==> flow/design.v <==
module core_switch #(
    parameter DATA_W = 16,
    parameter INPUTS = 5,
    parameter LG = $clog2(INPUTS)
) (
    input wire clk,
    input wire nrst,
    input wire [INPUTS*DATA_W-1:0] i_bus,
    input wire [LG-1:0] i_select,
    output wire [DATA_W-1:0] o_data_out
);
    reg [INPUTS*DATA_W-1:0] bus_q;
    reg [LG-1:0] select_q;
    wire [INPUTS*DATA_W-1:0] cur = bus_q >> (select_q * DATA_W);
    assign o_data_out = cur[DATA_W-1:0];
    always @(posedge clk) begin
        if (!nrst) begin
            bus_q <= 0;
            select_q <= 0;
        end else begin
            bus_q <= i_bus;
            select_q <= i_select;
        end
    end
endmodule
=== Step by step through the tools: core_switch ===
The steps from the RTL of core_switch to its reports follow in flow order.
Line numbers count from 1 in the design file above.
Operators: Yosys type, input widths -> output width; for muxes data width and select width s.
Library cell names are shortened.
Not given: n/a

* Top module: core_switch
* Clock input: clk
* Cell library: sky130hd
* Timing corner: tt_025C_1v80

=== Word-level counts ===
Counts by Yosys on the flattened word-level netlist (proc, flatten, opt, wreduce; memories kept). Register bits leave out memories and registers merged into their read ports (data or address); mux counts leave out enables and synchronous resets folded into registers. Print and check cells are left out. Cells with the same type and inputs are merged into one.

* Shifts and indexed selects: 1

{| class="wikitable"
|+ Operators with widths
! kind !! count
|-
| $shr 80x7->16 || 1
|}

* Flip-flop bits (word level): 83
* Input bits: 85
* Output and inout port bits: 16
* Word-level cells: 3

=== Depth ===
Yosys ltp: most cells in a row. Word level: on the elaborated netlist, between registers, memories and ports. Mapped: between sequential cells and ports; inverters and the memories' decode and read muxes count.

* Depth after elaboration: 1
* ABC_AREA: 1
* Gate-level depth with buffers: 7
* Gate-level depth less buffers: 6

=== Mapped cells and area ===
The flow's flattened synthesis, as Yosys stat reports it; memories are mapped. The netlist is that of the ABC_AREA named above (0 if unset); the other value can give another one.

* Cell count: 423
* Cell area after synthesis: 3047.9 um^2
* Sequential part of the area: 1661.6 um^2
* Flip-flop cells: 83
* Buffers: 21

{| class="wikitable"
|+ Cells by type
! cell !! count !! area in all (um^2)
|-
| dfxtp_1 || 83 || 1.66E+03
|-
| nand2_1 || 181 || 679.402
|-
| inv_1 || 88 || 330.317
|-
| nand3_1 || 47 || 235.226
|-
| buf_2 || 16 || 80.077
|-
| buf_6 || 2 || 22.522
|-
| nor3_4 || 1 || 16.266
|-
| buf_4 || 1 || 7.507
|-
| inv_2 || 2 || 7.507
|-
| buf_1 || 1 || 3.754
|-
| clkbuf_1 || 1 || 3.754
|}

=== Worst setup path after synthesis ===
OpenSTA on the mapped netlist: ideal clock, no wires. The path of least setup slack (recovery checks aside). Input and output delay are each 20% of the period. Register names are those of the netlist, which keeps one name where synthesis merged equal registers.

* Path type: reg-to-output
* Start point: register select_q[0]
* End point: output port o_data_out[0]
* Clock period: 1960 ps
* Output delay: 392 ps
* Time at the first pin: 0 ps
* Arrival: 986 ps
* Required time: 1568 ps
* Path slack: 582 ps
* Path delay: 986 ps
* Driving pins on the path: 6
* Path buffers: 2
* Period reached after synthesis: 1378 ps

"path delay" is the arrival time less input delay plus setup time.
A path that ends at an output port has no setup time.
"driving pins on the path" counts driving pins, that of a launching flip-flop among them; a cell with two outputs on the path counts twice.
"period reached after synthesis" is the clock period less the worst setup slack; recovery checks do not enter. This is arithmetic on one report: input and output delays are still those of the set period (20% each).
Between the ends stands the longest chain of elaborated cells between them, by number of cells; it is not shown to be the way that was timed. Of several equally long chains one is given.
Each line given opens the expression or statement behind the cell; cells for indexed reads and writes are added by Yosys, which also makes memories of some case tables.

* Cell sequence: dfxtp_1 -> buf_2 -> nor3_4 -> buf_6 -> nand2_1 -> nand2_1
* Cells in the longest elaborated chain: 1
* Elaborated cells on any way between the ends: 1
* RTL lines with such cells: 1
* Those cells by class: shift (1)

{| class="wikitable"
|+ RTL lines, path post-synthesis
! element !! RTL line !! source
|-
| start, declared || 13 || <nowiki>reg [LG-1:0] select_q;</nowiki>
|-
| start, assigned || 19 || <nowiki>select_q <= 0;</nowiki>
|-
| start, assigned || 22 || <nowiki>select_q <= i_select;</nowiki>
|-
| $shr 80x7->16 || 14 || <nowiki>wire [INPUTS*DATA_W-1:0] cur = bus_q >> (select_q * DATA_W);</nowiki>
|-
| end, declared || 10 || <nowiki>output wire [DATA_W-1:0] o_data_out</nowiki>
|}

=== Timing after layout ===
From the final timing report of record 1: the path of least setup slack in the routed layout; clock arrival at registers is part of the times.
The path's times are printed in steps of 10 ps; the period is the one set.

* Path type: reg-to-output
* Start point: register select_q[0]
* End point: output port o_data_out[12]
* Clock period: 1910 ps
* Output delay: 380 ps
* Time at the first pin: 340 ps
* Arrival: 1580 ps
* Required time: 1530 ps
* Path slack: -50 ps
* Driving pins on the path: 8
* Path buffers: 3

Between the ends stands the longest chain of elaborated cells between them, by number of cells; it is not shown to be the way that was timed. Of several equally long chains one is given.

* Cell sequence: dfxtp_4 -> buf_6 -> buf_4 -> nand2_1 -> nand3_1 -> nand3_2 -> nand2_4 -> buf_6
* Cells in the longest elaborated chain: 1
* Elaborated cells on any way between the ends: 1
* RTL lines with such cells: 1
* Those cells by class: shift (1)

{| class="wikitable"
|+ RTL lines, path post-layout
! element !! RTL line !! source
|-
| start, declared || 13 || <nowiki>reg [LG-1:0] select_q;</nowiki>
|-
| start, assigned || 19 || <nowiki>select_q <= 0;</nowiki>
|-
| start, assigned || 22 || <nowiki>select_q <= i_select;</nowiki>
|-
| $shr 80x7->16 || 14 || <nowiki>wire [INPUTS*DATA_W-1:0] cur = bus_q >> (select_q * DATA_W);</nowiki>
|-
| end, declared || 10 || <nowiki>output wire [DATA_W-1:0] o_data_out</nowiki>
|}

Subject: core_switch on sky130hd, stored results

Hello all,

Module core_switch, platform sky130hd: 3 stored runs of the flow (Yosys, OpenROAD) with differing settings, in no particular order. Input and output delays are each 20% of the period that was set; the output load is 0.01 pF.
"achieved clock period" means the clock period less the worst setup slack. The figure is calculated, with input and output delays left at 20% of the set period.
"worst setup path time" = time allowed to the worst setup path (clock period - input delay - output delay, where it has them) - its slack; a late launch clock adds to it, a late capture clock takes from it.
"power": no workload was simulated; the value follows from the tool's default switching activity.
"worst setup path time" is given in steps of 10 ps.

Record 1
==> flow/run.sh <==
#!/bin/bash
# the make line also repeats the synthesis and layout settings of config.mk as NAME=value (left out here)
make -C /OpenROAD-flow-scripts/flow DESIGN_CONFIG=/design/flow/config.mk WORK_HOME=/design/flow/orfs CLKGATE_MAP_FILE= finish
==> flow/config.mk <==
export PLATFORM = sky130hd
export DESIGN_NAME = core_switch
export DESIGN_NICKNAME = core_switch
export VERILOG_FILES = /design/flow/design.v
export SDC_FILE = /design/flow/constraint.sdc
export NUM_CORES = 4
export LEC_CHECK = 0
export ABC_AREA = 1
export CAP_MARGIN = 5
export CORE_MARGIN = 2
export CORE_UTILIZATION = 57
export GPL_TIMING_DRIVEN = 1
export MIN_ROUTING_LAYER = met1
export PLACE_DENSITY_LB_ADDON = 0.21
export SETUP_SLACK_MARGIN = 0.35
export SLEW_MARGIN = 15
export TNS_END_PERCENT = 75
==> flow/constraint.sdc <==
create_clock -name core_clock -period 1.91 [get_ports {clk}]
set_input_delay 0.3820 -clock core_clock [delete_from_list [all_inputs] [get_ports {clk}]]
set_output_delay 0.3820 -clock core_clock [all_outputs]
set_load 0.01 [all_outputs]

==> results of record 1 <==
chip area after synthesis (Yosys): 3047.9 um^2
die area: 5948.3 um^2
standard-cell area of the final layout: 4550.6 um^2
utilization: 88.5%
worst setup slack after layout: -52 ps
total negative slack: -225 ps
worst hold slack: 497 ps
power: 4062 µW
achieved clock period: 1962 ps
worst setup path time: 1580 ps
worst setup path kind: reg-to-output

Record 2
==> flow/run.sh <==
#!/bin/bash
# the make line also repeats the synthesis and layout settings of config.mk as NAME=value (left out here)
make -C /OpenROAD-flow-scripts/flow DESIGN_CONFIG=/design/flow/config.mk WORK_HOME=/design/flow/orfs CLKGATE_MAP_FILE= finish
==> flow/config.mk <==
export PLATFORM = sky130hd
export DESIGN_NAME = core_switch
export DESIGN_NICKNAME = core_switch
export VERILOG_FILES = /design/flow/design.v
export SDC_FILE = /design/flow/constraint.sdc
export NUM_CORES = 4
export LEC_CHECK = 0
export CAP_MARGIN = 20
export CORE_MARGIN = 2
export CORE_UTILIZATION = 40
export SLEW_MARGIN = 20
==> flow/constraint.sdc <==
create_clock -name core_clock -period 1.96 [get_ports {clk}]
set_input_delay 0.3920 -clock core_clock [delete_from_list [all_inputs] [get_ports {clk}]]
set_output_delay 0.3920 -clock core_clock [all_outputs]
set_load 0.01 [all_outputs]

==> results of record 2 <==
chip area after synthesis (Yosys): 2909.0 um^2
die area: 7970.9 um^2
standard-cell area of the final layout: 4237.8 um^2
utilization: 59.4%
worst setup slack after layout: -89 ps
total negative slack: -706 ps
worst hold slack: 546 ps
power: 3314 µW
achieved clock period: 2049 ps
worst setup path time: 1660 ps
worst setup path kind: reg-to-output

Record 3
==> flow/run.sh <==
#!/bin/bash
# the make line also repeats the synthesis and layout settings of config.mk as NAME=value (left out here)
make -C /OpenROAD-flow-scripts/flow DESIGN_CONFIG=/design/flow/config.mk WORK_HOME=/design/flow/orfs CLKGATE_MAP_FILE= finish
==> flow/config.mk <==
export PLATFORM = sky130hd
export DESIGN_NAME = core_switch
export DESIGN_NICKNAME = core_switch
export VERILOG_FILES = /design/flow/design.v
export SDC_FILE = /design/flow/constraint.sdc
export NUM_CORES = 4
export LEC_CHECK = 0
export CAP_MARGIN = 20
export CELL_PAD_IN_SITES_GLOBAL_PLACEMENT = 3
export CORE_MARGIN = 2
export CORE_UTILIZATION = 50
export CTS_CLUSTER_SIZE = 25
export GPL_ROUTABILITY_DRIVEN = 1
export MIN_ROUTING_LAYER = met1
export PLACE_DENSITY = 0.55
export SLEW_MARGIN = 10
export TNS_END_PERCENT = 75
==> flow/constraint.sdc <==
create_clock -name core_clock -period 2.68 [get_ports {clk}]
set_input_delay 0.5360 -clock core_clock [delete_from_list [all_inputs] [get_ports {clk}]]
set_output_delay 0.5360 -clock core_clock [all_outputs]
set_load 0.01 [all_outputs]

==> results of record 3 <==
did not finish, placement stopped with GPL-0301

Thanks
